==> flow/design.v <==
module sync_addsub_n #(
  parameter integer DATA_W = 10
) (
  input  wire clock,
  input  wire nrst,
  input  wire clk_en,
  input  wire [DATA_W-1:0] src1,
  input  wire mode,
  input  wire clear,
  output wire [DATA_W-1:0] q
);
  reg [DATA_W-1:0] src1_q;
  reg mode_q;
  reg clear_q;
  reg [DATA_W-1:0] run_sum;
  always @(posedge clock or negedge nrst) begin
    if (!nrst) begin
      src1_q <= 0;
      mode_q <= 1'b0;
      clear_q <= 1'b0;
      run_sum <= 0;
    end else if (clk_en) begin
      src1_q <= src1;
      mode_q <= mode;
      clear_q <= clear;
      run_sum <= clear_q ? src1_q : mode_q ? run_sum - src1_q : run_sum + src1_q;
    end
  end
  assign q = run_sum;
endmodule
Lab notebook: sync_addsub_n

======== From RTL to reports: sync_addsub_n ========
A sweep over "DATA_W": the same steps for each member of the family.
The file above is the member DATA_W 10. Line numbers count from 1 in each member's own file.
Library cell names are shortened.
Not given: --
inputs
  design top .............................. sync_addsub_n
  clock port .............................. clock
  standard-cell library ................... sky130hd
  timing corner ........................... tt_025C_1v80

======== Source of the members ========
Lines of each other member's file that are new or changed against the file above; lines that a member lacks are not shown.
lines new or changed
  DATA_W  line  text
  16      2     parameter integer DATA_W = 16
  18      2     parameter integer DATA_W = 18
  28      2     parameter integer DATA_W = 28
  112     2     parameter integer DATA_W = 112

======== Word level ========
Yosys after proc, flatten, opt, wreduce and memory -nomap, before mapping. Enables and synchronous resets that opt folds into registers are not counted as muxes. Memory bits, and registers merged into a memory's read port (data or address), are not among the register bits. Print and check cells are not counted. Equal cells are merged and count once.
operators by class
  DATA_W  $add $sub $neg  mux-type cells
  10      2               2
  16      2               2
  18      2               2
  28      2               2
  112     2               2
operator list
  DATA_W  kinds with counts
  10      10-bit two-way mux: 2; 10-bit adder: 1; 10-bit subtractor: 1
  16      16-bit two-way mux: 2; 16-bit adder: 1; 16-bit subtractor: 1
  18      18-bit two-way mux: 2; 18-bit adder: 1; 18-bit subtractor: 1
  28      28-bit two-way mux: 2; 28-bit adder: 1; 28-bit subtractor: 1
  112     112-bit two-way mux: 2; 112-bit adder: 1; 112-bit subtractor: 1
storage and ports
  DATA_W  bits in registers  input bits  output and inout port bits  word-level cells
  10      22                 15          10                          8
  16      34                 21          16                          8
  18      38                 23          18                          8
  28      58                 33          28                          8
  112     226                117         112                         8

======== Longest topological paths ========
Yosys ltp: most cells in a row. Word level: on the elaborated netlist, between registers, memories and ports. Mapped: between sequential cells and ports; inverters and the memories' decode and read muxes count.
depth
  DATA_W  depth in word-level cells  ABC_AREA  gate-level depth with buffers  mapped depth without buffers
  10      3                          0         10                             10
  16      3                          0         14                             14
  18      3                          0         15                             14
  28      3                          0         16                             16
  112     3                          0         26                             25

======== Synthesis result ========
Source: synth_stat.txt of the flow (Yosys; design flattened, memories mapped). It holds for the ABC_AREA given above (unset counts as 0); a run with the other value may have another netlist.
The area totals of this step are shown rounded.
cells by type
  DATA_W  types with counts
  10      dfrtp_1: 22; ha_1: 10; mux2_2: 11; xnor2_1: 10; a21oi_1: 12; nor2_1: 11; o21ai_0: 8; nand2_1: 10; a31oi_1: 5; nor3_1: 5; inv_1: 6; o21a_1: 3; nor4_4: 1; and4b_1: 2; fa_1: 1; mux2i_1: 2; a21o_2: 2; a211oi_1: 2; (+36)
  16      dfrtp_1: 34; ha_1: 16; mux2_2: 14; xnor2_1: 16; a21oi_1: 24; a21o_1: 10; nor2_1: 19; mux2i_1: 6; nand2_1: 16; o21ai_0: 11; xor2_1: 6; buf_6: 4; inv_1: 12; nand3_1: 9; a31oi_1: 6; nor4_2: 3; o21a_1: 5; clkbuf_1: 8; (+65)
  18      dfrtp_1: 38; ha_1: 18; xnor2_1: 22; mux2_2: 16; a21oi_1: 27; nor2_1: 31; nand2_1: 28; o21ai_0: 17; a31oi_1: 9; a21o_1: 7; xor2_1: 6; mux2i_1: 4; nand2b_1: 6; nor2b_1: 6; clkbuf_1: 9; buf_4: 4; inv_1: 8; nand3_1: 6; (+51)
  28      dfrtp_1: 58; ha_1: 28; xnor2_1: 38; a21oi_1: 50; mux2_2: 22; nor2_1: 47; a21o_1: 19; o21ai_0: 27; a31oi_1: 15; nand2_1: 23; nor2b_1: 13; mux2i_1: 7; inv_1: 18; clkbuf_1: 14; nand3b_1: 7; xor2_1: 6; nand3_1: 9; nand2b_1: 6; (+85)
  112     dfrtp_1: 226; a21oi_1: 329; ha_1: 112; xnor2_1: 159; mux2_2: 105; nor2_1: 311; nand2_1: 193; o21ai_0: 138; a21o_1: 69; xor2_1: 55; clkbuf_1: 100; nand4_1: 57; nor3_1: 52; a31oi_1: 41; o21bai_1: 32; nor4_1: 27; inv_1: 43; nand3_1: 32; (+305)
A list marked (+n) leaves out that many cells.
mapped netlist
  DATA_W  mapped cells  synthesis area (µm²)  sequential area (µm²)  mapped flip-flops
  10      159           1530                  550.5                  22
  16      284           2654                  850.8                  34
  18      313           2820                  950.9                  38
  28      492           4419                  1451                   58
  112     2386          19200                 5655                   226

======== Worst setup path after synthesis ========
Source: OpenSTA report_checks on the synthesized netlist (no wires, ideal clock, input and output delay 20% of the period each), path of least setup slack; recovery checks are left aside. Register names are those of the netlist, which keeps one name where synthesis merged equal registers.
path post-synthesis
  DATA_W  kind                  start               end                    period (ns)  setup slack (ns)  driving pins on the path  path delay (ns)  synthesis period reached (ns)
  10      register to register  register src1_q[2]  register run_sum[8]    2.96         0.591             11                        2.369            2.369
  16      register to register  register src1_q[0]  register run_sum[15]   4.13         0.822             15                        3.308            3.308
  18      register to register  register src1_q[4]  register run_sum[17]   3.55         0.709             14                        2.842            2.841
  28      register to register  register src1_q[0]  register run_sum[27]   4.38         0.876             16                        3.504            3.504
  112     register to register  register src1_q[8]  register run_sum[111]  6.77         1.351             25                        5.419            5.419
"path delay" is the arrival time less input delay plus setup time.
"driving pins on the path" counts driving pins, that of a launching flip-flop among them; a cell with two outputs on the path counts twice.
"synthesis period reached" is the clock period less the worst setup slack; recovery checks do not enter. This is arithmetic on one report: input and output delays are still those of the set period (20% each).
Between the ends stands the longest chain of elaborated cells between them, by number of cells; it is not shown to be the way that was timed. Of several equally long chains one is given.
Each line given opens the expression or statement behind the cell; cells for indexed reads and writes are added by Yosys, which also makes memories of some case tables.
between the ends, post-synthesis, DATA_W 10
  cells in the longest elaborated chain ... 3
RTL lines, path post-synthesis, DATA_W 10
  item                   line  text
  start: declaration     12    reg [DATA_W-1:0] src1_q;
  start: assignment      18    src1_q <= 0;
  start: assignment      23    src1_q <= src1;
  10-bit adder           26    run_sum <= clear_q ? src1_q : mode_q ? run_sum - src1_q : run_sum + src1_q;
  10-bit two-way mux x2  26
  end: assignment        21    run_sum <= 0;
  end: assignment        26
  end: declaration       15    reg [DATA_W-1:0] run_sum;
between the ends, post-synthesis, DATA_W 112
  cells in the longest elaborated chain ... 3
RTL lines, path post-synthesis, DATA_W 112
  item                    line  text
  start: declaration      12    reg [DATA_W-1:0] src1_q;
  start: assignment       18    src1_q <= 0;
  start: assignment       23    src1_q <= src1;
  112-bit adder           26    run_sum <= clear_q ? src1_q : mode_q ? run_sum - src1_q : run_sum + src1_q;
  112-bit two-way mux x2  26
  end: assignment         21    run_sum <= 0;
  end: assignment         26
  end: declaration        15    reg [DATA_W-1:0] run_sum;

======== Worst path after layout ========
From the final timing report of each member's run: the path of least setup slack in the routed layout; clock arrival at registers is part of the times.
path post-layout
  DATA_W  kind                  start                end                    period (ns)  setup slack (ns)  driving pins on the path  arrival time (ns)  buffers on the path
  10      register to register  register src1_q[4]   register run_sum[8]    2.96         0.37              10                        2.75               0
  16      register to register  register src1_q[0]   register run_sum[15]   4.13         0.50              15                        3.85               0
  18      register to register  register src1_q[4]   register run_sum[17]   3.55         0.40              14                        3.38               0
  28      register to register  register src1_q[10]  register run_sum[27]   4.38         0.48              14                        4.19               0
  112     register to register  register src1_q[8]   register run_sum[108]  6.77         0.32              26                        6.84               2

======== Measured runs ========
Settings and results of one run of the flow (Yosys, OpenROAD) for each member follow. The constraints put input and output delay at 20% of the set period each and load the outputs with 0.01 pF.
flow settings
  CAP_MARGIN .............................. 20
  CORE_MARGIN ............................. 2
  CORE_UTILIZATION ........................ 40
  SLEW_MARGIN ............................. 20
settings that differ
  DATA_W  period_ns
  10      2.96
  16      4.13
  18      3.55
  28      4.38
  112     6.77
results
  DATA_W  synthesized cell area (µm²)  die area (µm²)  standard-cell area after routing (µm²)  setup slack of the worst path (ns)  setup total negative slack (ns)  total power after layout (mW)  achieved clock period (ns)
  10      1530                         4336            1881                                    0.367                               0.000                            1.524                          2.593
  16      2654                         7302            3117                                    0.501                               0.000                            1.933                          3.629
  18      2820                         7738            3372                                    0.402                               0.000                            2.666                          3.148
  28      4419                         11900           5300                                    0.484                               0.000                            3.320                          3.896
  112     19200                        49780           23020                                   0.318                               0.000                            11.12                          6.452
"achieved clock period": clock period set for the run, less the worst setup slack. It is reckoned from that one timing run; input and output delays stay at 20% of the period that was set.
"total power after layout" is the tool's figure for a default switching activity; nothing was simulated.
Results are given in rounded form.
